==> flow/design.v <==
module core_mpy_rtl (aclk, reset, adv, i_arg0, i_arg1, i_start, o_prod);
    parameter DATA_WIDTH = 24;
    parameter GB = 2;
    input aclk;
    input reset;
    input adv;
    input [DATA_WIDTH-1:0] i_arg0;
    input [DATA_WIDTH-1:0] i_arg1;
    input i_start;
    output [2*DATA_WIDTH+GB-1:0] o_prod;
    reg [DATA_WIDTH-1:0] arg0_r;
    reg [DATA_WIDTH-1:0] arg1_r;
    reg start_r;
    wire [2*DATA_WIDTH-1:0] t;
    assign t = arg0_r * arg1_r;
    reg [2*DATA_WIDTH+GB-1:0] cnt;
    assign o_prod = cnt;
    always @(posedge aclk) begin
        if (reset) begin
            arg0_r <= 0;
            arg1_r <= 0;
            start_r <= 1'b0;
            cnt <= 0;
        end else if (adv) begin
            arg0_r <= i_arg0;
            arg1_r <= i_arg1;
            start_r <= i_start;
            cnt <= start_r ? t : cnt + t;
        end
    end
endmodule
From RTL to reports: core_mpy_rtl
What the tools print for core_mpy_rtl, step after step.
Line numbers count from 1 in the design file above.
The mark -- stands for no value.
Set-up
  top: core_mpy_rtl
  clock input: aclk
  cell library: sky130hd
  corner: tt_025C_1v80

Word level
Yosys after proc, flatten, opt, wreduce and memory -nomap, before mapping. Enables and synchronous resets that opt folds into registers are not counted as muxes. Memory bits, and registers merged into a memory's read port (data or address), are not among the register bits. Print and check cells are not counted. Equal cells are merged and count once.
Bit counts
  flip-flop bits (word level): 99
  bits in latches: 0
  bits in writable memories: 0
  memory bits (read-only): 0
  clocked read ports x word width: 0
  memory cells: 0
  input bits: 52
Operators by class
  add/subtract/negate cells: 1
  $mul: 1
  divide/modulo/power cells: 0
  $lt $le $gt $ge: 0
  equal/unequal tests: 0
  shift operators: 0
  mux-type cells: 1
  bitwise gates (word level): 0
  reduce/logical cells: 0
Operators by type and width (number)
  24-bit by 24-bit multiplier with 48-bit output: 1
  50-bit by 48-bit adder with 50-bit output: 1
  50-bit 2-to-1 mux: 1

Depth
Yosys ltp: most cells in a row. Word level: on the elaborated netlist, between registers, memories and ports. Mapped: between sequential cells and ports; inverters and the memories' decode and read muxes count.
Logic depth
  depth in word-level cells: 3
  ABC_AREA: 0
  gate-level depth with buffers: 37
  gate-level depth less buffers: 34

After synthesis
Source: synth_stat.txt of the flow (Yosys; design flattened, memories mapped). It holds for the ABC_AREA given above (unset counts as 0); a run with the other value may have another netlist.
Cells by type (number)
  sky130_fd_sc_hd__fa_1: 483
  sky130_fd_sc_hd__ha_1: 228
  sky130_fd_sc_hd__inv_1: 554
  sky130_fd_sc_hd__dfxtp_1: 99
  sky130_fd_sc_hd__and2_1: 284
  sky130_fd_sc_hd__nand2_1: 383
  sky130_fd_sc_hd__mux2i_1: 62
  sky130_fd_sc_hd__a21oi_1: 115
  sky130_fd_sc_hd__clkbuf_1: 152
  sky130_fd_sc_hd__nor2_1: 149
  sky130_fd_sc_hd__xnor2_1: 44
  sky130_fd_sc_hd__xor2_1: 39
  sky130_fd_sc_hd__a21o_1: 45
  sky130_fd_sc_hd__o21ai_0: 53
  sky130_fd_sc_hd__a211oi_1: 31
  sky130_fd_sc_hd__nand4_1: 26
  sky130_fd_sc_hd__o21bai_1: 19
  sky130_fd_sc_hd__nor3_1: 24
Other cell types: 58; their cells: 203.
Mapped netlist
  standard cells after synthesis: 2993
  cell area after synthesis: 25645.8 µm²
  sequential area: 1981.9 µm²
  flip-flops: 99
  buffer cells: 170

Timing after synthesis
OpenSTA on the mapped netlist: ideal clock, no wires. The path of least setup slack (recovery checks aside). Input and output delay are each 20% of the period. Register names are those of the netlist, which keeps one name where synthesis merged equal registers.
Timing path post-synthesis
  path type: reg-to-reg
  start point: register arg1_r[5]
  end point: register cnt[43]
  clock period: 10.8 ns
  library setup time: 0.132 ns
  arrival time: 8.469 ns
  data required time: 10.668 ns
  path slack: 2.199 ns
  path delay: 8.601 ns
  stages on the path: 37
  synthesis period reached: 8.601 ns
"path delay" = arrival - input delay + setup time.
"stages on the path": output pins that drive a net of the path, with the launching flip-flop's if there is one; two outputs of one cell count as two.
"synthesis period reached" = period - worst setup slack (recovery checks aside). The figure is calculated, with input and output delays left at 20% of the set period.
The rows between start and end are the longest chain of elaborated cells between them; the timing report does not say that the signal goes this way. Where chains are equally long, one stands for them.
Each line given opens the expression or statement behind the cell; cells for indexed reads and writes are added by Yosys, which also makes memories of some case tables.
Between the ends, post-synthesis
  cell sequence: sky130_fd_sc_hd__dfxtp_1 -> sky130_fd_sc_hd__clkbuf_1 -> sky130_fd_sc_hd__clkbuf_1 -> sky130_fd_sc_hd__nand2_1 -> sky130_fd_sc_hd__fa_1 -> sky130_fd_sc_hd__inv_1 -> sky130_fd_sc_hd__fa_1 -> sky130_fd_sc_hd__inv_1 -> sky130_fd_sc_hd__fa_1 -> sky130_fd_sc_hd__fa_1 -> sky130_fd_sc_hd__inv_1 -> sky130_fd_sc_hd__fa_1 -> sky130_fd_sc_hd__fa_1 -> sky130_fd_sc_hd__inv_1 -> sky130_fd_sc_hd__fa_1 -> sky130_fd_sc_hd__inv_1 -> sky130_fd_sc_hd__ha_1 -> sky130_fd_sc_hd__clkbuf_2 -> sky130_fd_sc_hd__nand2_1 -> sky130_fd_sc_hd__or4_1 -> sky130_fd_sc_hd__a21o_1 -> sky130_fd_sc_hd__a31oi_4 -> sky130_fd_sc_hd__a31oi_1 -> sky130_fd_sc_hd__o21ai_1 -> sky130_fd_sc_hd__xor2_1 -> sky130_fd_sc_hd__ha_1 -> sky130_fd_sc_hd__clkbuf_1 -> sky130_fd_sc_hd__a21oi_1 -> sky130_fd_sc_hd__o21ai_1 -> sky130_fd_sc_hd__a221o_1 -> sky130_fd_sc_hd__a21oi_1 -> sky130_fd_sc_hd__o21ai_0 -> sky130_fd_sc_hd__a21oi_2 -> sky130_fd_sc_hd__o21ai_1 -> sky130_fd_sc_hd__mux2_2 -> sky130_fd_sc_hd__a2111oi_2 -> sky130_fd_sc_hd__nor3_1
  length of the longest elaborated chain: 3
  elaborated cells on any way between the ends: 3
  RTL lines with such cells: 2
  classes of those cells: add/sub (1); mul (1); mux (1)
Ends and longest elaborated chain, post-synthesis
  start: declaration: RTL line 12  | reg [DATA_WIDTH-1:0] arg1_r;
  start: assignment: RTL line 21  | arg1_r <= 0;
  start: assignment: RTL line 26  | arg1_r <= i_arg1;
  24-bit by 24-bit multiplier with 48-bit output: RTL line 15  | assign t = arg0_r * arg1_r;
  50-bit by 48-bit adder with 50-bit output: RTL line 28  | cnt <= start_r ? t : cnt + t;
  50-bit 2-to-1 mux: RTL line 28
  end: assignment: RTL line 23  | cnt <= 0;
  end: assignment: RTL line 28
  end: declaration: RTL line 16  | reg [2*DATA_WIDTH+GB-1:0] cnt;

Path in the finished layout
From the final timing report of run 1: the path of least setup slack in the routed layout; clock arrival at registers is part of the times.
Timing path after layout
  path type: reg-to-reg
  start point: register arg1_r[3]
  end point: register cnt[43]
  clock period: 10.8 ns
  library setup time: 0.14 ns
  arrival time: 10.15 ns
  data required time: 11.06 ns
  path slack: 0.90 ns
  stages on the path: 33
The rows between start and end are the longest chain of elaborated cells between them; the timing report does not say that the signal goes this way. Where chains are equally long, one stands for them.
Between the ends, after layout
  cell sequence: sky130_fd_sc_hd__dfxtp_1 -> sky130_fd_sc_hd__nand2_1 -> sky130_fd_sc_hd__fa_1 -> sky130_fd_sc_hd__inv_1 -> sky130_fd_sc_hd__fa_1 -> sky130_fd_sc_hd__inv_1 -> sky130_fd_sc_hd__fa_1 -> sky130_fd_sc_hd__fa_1 -> sky130_fd_sc_hd__fa_1 -> sky130_fd_sc_hd__inv_1 -> sky130_fd_sc_hd__fa_1 -> sky130_fd_sc_hd__inv_1 -> sky130_fd_sc_hd__fa_1 -> sky130_fd_sc_hd__inv_1 -> sky130_fd_sc_hd__ha_1 -> sky130_fd_sc_hd__nand2_1 -> sky130_fd_sc_hd__or4_1 -> sky130_fd_sc_hd__a21o_1 -> sky130_fd_sc_hd__a31oi_4 -> sky130_fd_sc_hd__a31oi_1 -> sky130_fd_sc_hd__o21ai_1 -> sky130_fd_sc_hd__xor2_1 -> sky130_fd_sc_hd__ha_1 -> sky130_fd_sc_hd__a21oi_1 -> sky130_fd_sc_hd__o21ai_1 -> sky130_fd_sc_hd__a221o_1 -> sky130_fd_sc_hd__a21oi_1 -> sky130_fd_sc_hd__o21ai_0 -> sky130_fd_sc_hd__a21oi_2 -> sky130_fd_sc_hd__o21ai_1 -> sky130_fd_sc_hd__mux2_2 -> sky130_fd_sc_hd__a2111oi_2 -> sky130_fd_sc_hd__nor3_1
  length of the longest elaborated chain: 3
  elaborated cells on any way between the ends: 3
  RTL lines with such cells: 2
  classes of those cells: add/sub (1); mul (1); mux (1)
Ends and longest elaborated chain, after layout
  start: declaration: RTL line 12  | reg [DATA_WIDTH-1:0] arg1_r;
  start: assignment: RTL line 21  | arg1_r <= 0;
  start: assignment: RTL line 26  | arg1_r <= i_arg1;
  24-bit by 24-bit multiplier with 48-bit output: RTL line 15  | assign t = arg0_r * arg1_r;
  50-bit by 48-bit adder with 50-bit output: RTL line 28  | cnt <= start_r ? t : cnt + t;
  50-bit 2-to-1 mux: RTL line 28
  end: assignment: RTL line 23  | cnt <= 0;
  end: assignment: RTL line 28
  end: declaration: RTL line 16  | reg [2*DATA_WIDTH+GB-1:0] cnt;

Appendix: measured runs

Top module core_mpy_rtl; platform sky130hd; tools Yosys and OpenROAD; 2 stored runs in no particular order. Input and output delays are each 20% of the period that was set; the output load is 0.01 pF.
"achieved period": clock period set for the run, less the worst setup slack. It is reckoned from that one timing run; input and output delays stay at 20% of the period that was set.
"critical path time" means the part of the period allowed to the worst setup path (the constraints hold back 20% at inputs and 20% at outputs) less its slack; where the path has registers, the arrival times of their clocks count too.
By "overall power" is meant OpenSTA's value without simulated activity: inputs other than the clock are taken to toggle once in ten clock periods, and the tool carries that through the logic.

==> run 1: settings <==
{ "period_ns": 10.8, "CAP_MARGIN": 20, "CORE_MARGIN": 2, "CORE_UTILIZATION": 40, "SLEW_MARGIN": 20 }
==> run 1: results <==
setup slack of the critical path: 0.905 ns
critical path time: 9.90 ns
class of the worst setup path: reg-to-reg
final design utilization: 43.7 %
post-synthesis cell area: 25645.8 µm²
area of the die: 66157.0 µm²
standard-cell area after layout: 27609.0 µm²
sum of negative setup slack: 0.000 ns
post-route worst hold slack: 0.504 ns
overall power: 2841 uW
achieved period: 9.895 ns

==> run 2: settings <==
{ "period_ns": 10.4, "CORE_UTILIZATION": 39, "SETUP_SLACK_MARGIN": 3.1, "PLACE_DENSITY_LB_ADDON": 0.06, "CORE_ASPECT_RATIO": 1.09, "CELL_PAD_IN_SITES_DETAIL_PLACEMENT": 2, "TNS_END_PERCENT": 15, "ABC_AREA": 0, "GPL_ROUTABILITY_DRIVEN": 1, "CTS_CLUSTER_SIZE": 45, "MIN_ROUTING_LAYER": "met1", "CAP_MARGIN": 20, "CORE_MARGIN": 2, "SLEW_MARGIN": 20 }
==> run 2: results <==
setup slack of the critical path: 1.489 ns
critical path time: 8.91 ns
class of the worst setup path: reg-to-reg
final design utilization: 46.1 %
post-synthesis cell area: 25645.8 µm²
area of the die: 67828.0 µm²
standard-cell area after layout: 30108.9 µm²
sum of negative setup slack: 0.000 ns
post-route worst hold slack: 0.515 ns
overall power: 3741 uW
achieved period: 8.911 ns
